==> flow/design.v <==
module dp_mplex_v2 #(
    parameter XLEN = 20
) (
    input  clock,
    input  srst,
    input  [XLEN-1:0] ch_0_in,
    input  [XLEN-1:0] ch_1_in,
    input  [XLEN-1:0] ch_2_in,
    input  [XLEN-1:0] ch_3_in,
    input  [XLEN-1:0] ch_4_in,
    input  [XLEN-1:0] ch_5_in,
    input  [4:0] addr_in,
    output [XLEN-1:0] result_out
);
    reg [XLEN-1:0] ch_0_r;
    reg [XLEN-1:0] ch_1_r;
    reg [XLEN-1:0] ch_2_r;
    reg [XLEN-1:0] ch_3_r;
    reg [XLEN-1:0] ch_4_r;
    reg [XLEN-1:0] ch_5_r;
    reg [4:0] addr_r;
    reg [XLEN-1:0] work;
    always @(*) begin
        casez (addr_r)
            5'b????1: work = ch_0_r;
            5'b???10: work = ch_1_r;
            5'b??100: work = ch_2_r;
            5'b?1000: work = ch_3_r;
            5'b10000: work = ch_4_r;
            default: work = ch_5_r;
        endcase
    end
    assign result_out = work;
    always @(posedge clock) begin
        if (srst) begin
            ch_0_r <= 0;
            ch_1_r <= 0;
            ch_2_r <= 0;
            ch_3_r <= 0;
            ch_4_r <= 0;
            ch_5_r <= 0;
            addr_r <= 0;
        end else begin
            ch_0_r <= ch_0_in;
            ch_1_r <= ch_1_in;
            ch_2_r <= ch_2_in;
            ch_3_r <= ch_3_in;
            ch_4_r <= ch_4_in;
            ch_5_r <= ch_5_in;
            addr_r <= addr_in;
        end
    end
endmodule
Lab notebook: dp_mplex_v2

======== Tool chain data of dp_mplex_v2 ========
Tool output for the members of one design family, told apart by "XLEN", in the order of the flow.
The RTL above is that of XLEN = 20; lines are counted from 1 in the file of the member named.
Operators carry their Yosys type and port widths (W data, S select, Z words).
Not given: -
set-up
  top module .............................. dp_mplex_v2
  clock port .............................. clock
  cell library ............................ sky130hd
  library corner .......................... tt_025C_1v80

======== Source of the members ========
Lines of each other member's file that are new or changed against the file above; lines that a member lacks are not shown.
lines new or changed
  XLEN  RTL line  source
  24    2         parameter XLEN = 24
  64    2         parameter XLEN = 64

======== Word level ========
Source: Yosys, flattened and elaborated, memories not mapped. Widths are those after wreduce; folded enables and synchronous resets count as part of the registers. Registers that Yosys merges into a memory's read port (data or address) are not register bits. Print and check cells do not count. Equal cells are merged and count once.
storage and ports
  XLEN  bits in registers  word-level cells
  20    125                12
  24    149                12
  64    389                12
cells by class
  XLEN  equal/unequal tests  multiplexer cells
  20    4                    1
  24    4                    1
  64    4                    1
operators by type and width
  XLEN  kinds with counts
  20    $pmux W20 S5 (1); $eq A5 B5 Y1 const B (1); $eq A4 B4 Y1 const B (1); $eq A3 B3 Y1 const B (1); $eq A2 B2 Y1 const B (1)
  24    $pmux W24 S5 (1); $eq A5 B5 Y1 const B (1); $eq A4 B4 Y1 const B (1); $eq A3 B3 Y1 const B (1); $eq A2 B2 Y1 const B (1)
  64    $pmux W64 S5 (1); $eq A5 B5 Y1 const B (1); $eq A4 B4 Y1 const B (1); $eq A3 B3 Y1 const B (1); $eq A2 B2 Y1 const B (1)

======== Longest topological paths ========
Depth = most cells in a row (Yosys ltp): at word level without a register or memory, in the mapped netlist without a sequential cell, where the memories' decode and read muxes count.
depth
  XLEN  word-level depth  ABC_AREA  gate-level depth with buffers  gate-level depth less buffers
  20    2                 0         5                              3
  24    2                 0         6                              3
  64    2                 0         6                              3

======== After synthesis ========
Yosys stat after the flow's synthesis: flattened, memories mapped to cells. It holds for the ABC_AREA given above (unset counts as 0); a run with the other value may have another netlist.
The area totals of this step are shown rounded.
cell types
  XLEN  type and count
  20    sky130_fd_sc_hd__dfxtp_1 (125); sky130_fd_sc_hd__nor2b_1 (125); sky130_fd_sc_hd__a2bb2oi_2 (20); sky130_fd_sc_hd__a22o_1 (20); sky130_fd_sc_hd__a22oi_1 (20); sky130_fd_sc_hd__nand3b_1 (20); sky130_fd_sc_hd__nand2b_1 (20); sky130_fd_sc_hd__a21oi_1 (20); sky130_fd_sc_hd__clkbuf_1 (22); sky130_fd_sc_hd__inv_1 (20); sky130_fd_sc_hd__buf_6 (4); sky130_fd_sc_hd__buf_2 (6); sky130_fd_sc_hd__nor4_4 (1); sky130_fd_sc_hd__nor4b_2 (1); sky130_fd_sc_hd__nand2b_2 (1)
  24    sky130_fd_sc_hd__dfxtp_1 (149); sky130_fd_sc_hd__nor2b_1 (149); sky130_fd_sc_hd__a22o_1 (24); sky130_fd_sc_hd__a2bb2oi_1 (24); sky130_fd_sc_hd__a22oi_1 (24); sky130_fd_sc_hd__nand3b_1 (24); sky130_fd_sc_hd__nand2b_1 (25); sky130_fd_sc_hd__a21oi_1 (24); sky130_fd_sc_hd__clkbuf_1 (27); sky130_fd_sc_hd__inv_1 (24); sky130_fd_sc_hd__buf_2 (11); sky130_fd_sc_hd__nor4b_4 (1); sky130_fd_sc_hd__nor4_4 (1)
  64    sky130_fd_sc_hd__dfxtp_1 (389); sky130_fd_sc_hd__nor2b_1 (389); sky130_fd_sc_hd__a2bb2oi_2 (60); sky130_fd_sc_hd__a22oi_2 (60); sky130_fd_sc_hd__a22o_1 (64); sky130_fd_sc_hd__nand3b_1 (64); sky130_fd_sc_hd__nand2b_1 (65); sky130_fd_sc_hd__a21oi_1 (64); sky130_fd_sc_hd__clkbuf_1 (69); sky130_fd_sc_hd__inv_1 (64); sky130_fd_sc_hd__buf_12 (6); sky130_fd_sc_hd__buf_2 (22); sky130_fd_sc_hd__buf_4 (7); sky130_fd_sc_hd__a2bb2oi_1 (4); sky130_fd_sc_hd__a22oi_1 (4); sky130_fd_sc_hd__nor4b_4 (1); sky130_fd_sc_hd__buf_6 (2); sky130_fd_sc_hd__nor4_2 (1)
synthesis totals
  XLEN  cell count  mapped area (µm²)  mapped flip-flops  buffer cells
  20    425         4,563              125                32
  24    507         5,264              149                38
  64    1,335       14,550             389                106

======== Worst setup path after synthesis ========
Source: OpenSTA report_checks on the synthesized netlist (no wires, ideal clock, input and output delay 20% of the period each), path of least setup slack; recovery checks are left aside. Register names are those of the netlist, which keeps one name where synthesis merged equal registers.
timing path after synthesis
  XLEN  path kind                 start point    end point          clock period (ns)  setup slack (ns)  stages  delay of the path (ns)  synthesis period reached (ns)
  20    flip-flop to output port  reg addr_r[0]  out result_out[0]  1.86               0.297             6       1.191                   1.563
  24    flip-flop to output port  reg addr_r[2]  out result_out[0]  2.08               0.335             6       1.329                   1.745
  64    flip-flop to output port  reg addr_r[1]  out result_out[0]  2.09               0.332             7       1.340                   1.758
"delay of the path" = arrival - input delay + setup time.
At an output port there is no setup time.
"stages": output pins that drive a net of the path, with the launching flip-flop's if there is one; two outputs of one cell count as two.
"synthesis period reached" is the clock period less the worst setup slack; recovery checks do not enter. This is arithmetic on one report: input and output delays are still those of the set period (20% each).
Between the ends stands the longest chain of elaborated cells between them, by number of cells; it is not shown to be the way that was timed. Of several equally long chains one is given.
A line is the first line of the expression or statement that the cell stems from. Yosys adds cells for indexed reads and writes and turns some case tables into memories.
between the ends, after synthesis, XLEN = 20
  cells in the longest elaborated chain ... 2
RTL lines, path after synthesis, XLEN = 20
  item           RTL line  source
  from (decl)    21        reg [4:0] addr_r;
  from (assign)  42        addr_r <= 0;
  from (assign)  50        addr_r <= addr_in;
  $eq A5 B5 Y1   24        casez (addr_r)
  $pmux W20 S5   24
  to (decl)      13        output [XLEN-1:0] result_out
between the ends, after synthesis, XLEN = 64
  cells in the longest elaborated chain ... 2
RTL lines, path after synthesis, XLEN = 64
  item           RTL line  source
  from (decl)    21        reg [4:0] addr_r;
  from (assign)  42        addr_r <= 0;
  from (assign)  50        addr_r <= addr_in;
  $eq A5 B5 Y1   24        casez (addr_r)
  $pmux W64 S5   24
  to (decl)      13        output [XLEN-1:0] result_out

======== Timing after layout ========
Path of least setup slack in the final report of the run of each member (OpenROAD, finished layout, wires in). Where an end is a register, its clock arrival counts in the times.
timing path after layout
  XLEN  path kind                 start point    end point           clock period (ns)  setup slack (ns)  stages  arrival (ns)  buffers on the path
  20    flip-flop to output port  reg addr_r[2]  out result_out[1]   1.86               -0.34             8       1.83          4
  24    flip-flop to output port  reg addr_r[2]  out result_out[19]  2.08               -0.13             7       1.80          3
  64    flip-flop to output port  reg addr_r[1]  out result_out[3]   2.09               -0.48             9       2.16          5

======== Flow runs ========
Settings and results of one run of the flow (Yosys, OpenROAD) for each member follow. The constraints put input and output delay at 20% of the set period each and load the outputs with 0.01 pF.
settings
  CAP_MARGIN .............................. 20
  CORE_MARGIN ............................. 2
  CORE_UTILIZATION ........................ 40
  SLEW_MARGIN ............................. 20
settings by member
  XLEN  period_ns
  20    1.86
  24    2.08
  64    2.09
results
  XLEN  synthesized cell area (µm²)  area of the die (µm²)  standard-cell area after routing (µm²)  final utilization (%)  worst setup slack after layout (ns)  sum of negative setup slack (ns)  lowest hold slack (ns)  overall power (uW)  achieved clock period (ns)
  20    4,563                        12,280                 6,975                                   61.9                   -0.343                               -5.871                            0.383                   6,984               2.203
  24    5,264                        14,090                 8,009                                   63.0                   -0.132                               -2.113                            0.550                   7,006               2.212
  64    14,550                       37,910                 21,610                                  60.6                   -0.483                               -25.64                            0.238                   18,320              2.573
"achieved clock period" means the clock period less the worst setup slack. The figure is calculated, with input and output delays left at 20% of the set period.
"overall power" is the tool's figure for a default switching activity; nothing was simulated.
The measured numbers are rounded.
